==> flow/design.v <==
module ex_muxn #(
   parameter integer DWIDTH = 48,
   parameter integer NIN = 4,
   parameter integer SBITS = $clog2(NIN)
) (
   input  wire clock,
   input  wire nrst,
   input  wire [NIN*DWIDTH-1:0] ch,
   input  wire [SBITS-1:0] select,
   output wire [DWIDTH-1:0] z_o
);
   reg [NIN*DWIDTH-1:0] r_ch;
   reg [SBITS-1:0] r_select;
   always @(posedge clock or negedge nrst) begin
      if (~nrst) begin
         r_ch <= 0;
         r_select <= 0;
      end else begin
         r_ch <= ch;
         r_select <= select;
      end
   end
   wire [NIN*DWIDTH-1:0] cur = r_ch >> (r_select * DWIDTH);
   assign z_o = cur[DWIDTH-1:0];
endmodule
[Tool chain data of ex_muxn]
The steps from the RTL of ex_muxn to its reports follow in flow order.
Line numbers count from 1 in the design file above.
Library cell names are shortened.
The mark - stands for no value.
Set-up
  design top: ex_muxn
  clock: clock
  standard-cell library: sky130hd
  corner: tt_025C_1v80

[After elaboration]
Yosys after proc, flatten, opt, wreduce and memory -nomap, before mapping. Enables and synchronous resets that opt folds into registers are not counted as muxes. Memory bits, and registers merged into a memory's read port (data or address), are not among the register bits. Print and check cells are not counted. Equal cells are merged and count once.
Operators by class
  $mul: 1
  shift-type cells: 1
Operator list (number)
  right shift 192 x 8 -> 48 bit: 1
  multiplier 2 x 2 -> 4 bit with constant B: 1
Word-level totals
  flip-flop bits (word level): 194

[Longest topological paths]
Yosys ltp: most cells in a row. Word level: on the elaborated netlist, between registers, memories and ports. Mapped: between sequential cells and ports; inverters and the memories' decode and read muxes count.
Depth
  depth after elaboration: 2
  ABC_AREA: 0
  depth in mapped cells: 3

[Netlist]
Yosys stat after the flow's synthesis: flattened, memories mapped to cells. It holds for the ABC_AREA given above (unset counts as 0); a run with the other value may have another netlist.
Totals and module areas in this step are rounded.
Cells by type
  dfrtp_1: number 194, area in all 4.85E+03 um^2
  mux4_2: number 48, area in all 1.08E+03 um^2
  buf_6: number 3, area in all 33.782 um^2
  buf_2: number 3, area in all 15.014 um^2
  buf_4: number 2, area in all 15.014 um^2
  clkbuf_1: number 2, area in all 7.507 um^2
Synthesis totals
  standard cells after synthesis: 252
  synthesis area: 6010 um^2
  flip-flop cells: 194
  buffer cells: 10

[Worst setup path after synthesis]
Path of least setup slack by OpenSTA after synthesis, without wires, with an ideal clock, recovery checks aside; 20% of the period is set as input and as output delay. Where synthesis merged equal registers, the netlist keeps one of their names.
Path after synthesis
  kind: register -> output
  start point: register r_select[0]
  end point: output port z_o[11]
  period: 1950 ps
  external output delay: 390 ps
  time at the first pin: 0 ps
  data arrival time: 1249 ps
  required time: 1560 ps
  setup slack: 311 ps
  path delay: 1249 ps
  stages on the path: 4
  path buffers: 2
  synthesis period reached: 1639 ps
"path delay" is the arrival time less input delay plus setup time.
At an output port there is no setup time.
"stages on the path": output pins that drive a net of the path, with the launching flip-flop's if there is one; two outputs of one cell count as two.
"synthesis period reached" is the clock period less the worst setup slack; recovery checks do not enter. This is arithmetic on one report: input and output delays are still those of the set period (20% each).
The rows between start and end are the longest chain of elaborated cells between them; the timing report does not say that the signal goes this way. Where chains are equally long, one stands for them.
Each line given opens the expression or statement behind the cell; cells for indexed reads and writes are added by Yosys, which also makes memories of some case tables.
On the way, after synthesis
  cells stage by stage: dfrtp_1 > buf_6 > buf_6 > mux4_2
  length of the longest elaborated chain: 2
RTL lines, path after synthesis
  start, declared: line 13  | reg [SBITS-1:0] r_select;
  start, assigned: line 17  | r_select <= 0;
  start, assigned: line 20  | r_select <= select;
  multiplier 2 x 2 -> 4 bit: line 23  | wire [NIN*DWIDTH-1:0] cur = r_ch >> (r_select * DWIDTH);
  right shift 192 x 8 -> 48 bit: line 23
  end, declared: line 10  | output wire [DWIDTH-1:0] z_o

[Worst path after layout]
From the final timing report of run A: the path of least setup slack in the routed layout; clock arrival at registers is part of the times.
The path's times are printed in steps of 10 ps; the period is the one set.
Path after layout
  kind: register -> output
  start point: register r_select[0]
  end point: output port z_o[10]
  period: 1950 ps
  external output delay: 390 ps
  time at the first pin: 430 ps
  data arrival time: 1880 ps
  required time: 1560 ps
  setup slack: -320 ps
  stages on the path: 5
  path buffers: 3
The rows between start and end are the longest chain of elaborated cells between them; the timing report does not say that the signal goes this way. Where chains are equally long, one stands for them.
On the way, after layout
  cells stage by stage: dfrtp_4 > buf_12 > buf_12 > mux4_2 > buf_6
  length of the longest elaborated chain: 2
RTL lines, path after layout
  start, declared: line 13  | reg [SBITS-1:0] r_select;
  start, assigned: line 17  | r_select <= 0;
  start, assigned: line 20  | r_select <= select;
  multiplier 2 x 2 -> 4 bit: line 23  | wire [NIN*DWIDTH-1:0] cur = r_ch >> (r_select * DWIDTH);
  right shift 192 x 8 -> 48 bit: line 23
  end, declared: line 10  | output wire [DWIDTH-1:0] z_o

3 stored runs of ex_muxn in the flow (synthesis by Yosys, layout by OpenROAD, sky130hd cells), in arbitrary order. Constraints: input delay and output delay 20% of the set period each, output load 0.01 pF.
"achieved clock period" is the run's clock period less its worst setup slack. It is reckoned from that one timing run; input and output delays stay at 20% of the period that was set.
"worst setup path time" = time allowed to the worst setup path (clock period - input delay - output delay, where it has them) - its slack; a late launch clock adds to it, a late capture clock takes from it.
By "power" is meant OpenSTA's value without simulated activity: inputs other than the clock are taken to toggle once in ten clock periods, and the tool carries that through the logic.
"worst setup path time" is known to 10 ps.
The measured numbers are rounded.
[run A] settings: period_ns=1.95, CAP_MARGIN=20, CORE_MARGIN=2, CORE_UTILIZATION=40, SLEW_MARGIN=20
[run A] result: chip area after synthesis (Yosys) 6010 um^2, die area 16000 um^2, standard-cell area of the final layout 9580 um^2, utilization 0.656, worst setup slack after layout -318 ps, total negative slack -12700 ps, power 8.73 mW, achieved clock period 2268 ps, worst setup path time 1880 ps, worst setup path kind register -> output
[run B] settings: period_ns=2.65, CORE_UTILIZATION=57, PLACE_DENSITY_LB_ADDON=0.27, CORE_ASPECT_RATIO=1.1, CORE_MARGIN=5, CELL_PAD_IN_SITES_DETAIL_PLACEMENT=2, GPL_TIMING_DRIVEN=1, CTS_CLUSTER_SIZE=29, CTS_CLUSTER_DIAMETER=393, CAP_MARGIN=15, SLEW_MARGIN=15, MIN_ROUTING_LAYER=met2
[run B] result: did not finish, placement stopped with DPL-0033
[run C] settings: period_ns=2.62, CORE_UTILIZATION=39, CORE_ASPECT_RATIO=0.94, CELL_PAD_IN_SITES_DETAIL_PLACEMENT=1, CTS_CLUSTER_SIZE=84, CTS_CLUSTER_DIAMETER=215, MIN_ROUTING_LAYER=met2, MAX_ROUTING_LAYER=met4, CAP_MARGIN=20, CORE_MARGIN=2, SLEW_MARGIN=20
[run C] result: chip area after synthesis (Yosys) 6010 um^2, die area 16400 um^2, standard-cell area of the final layout 9430 um^2, utilization 0.633, worst setup slack after layout 84 ps, total negative slack 0 ps, power 6.56 mW, achieved clock period 2536 ps, worst setup path time 2010 ps, worst setup path kind register -> output
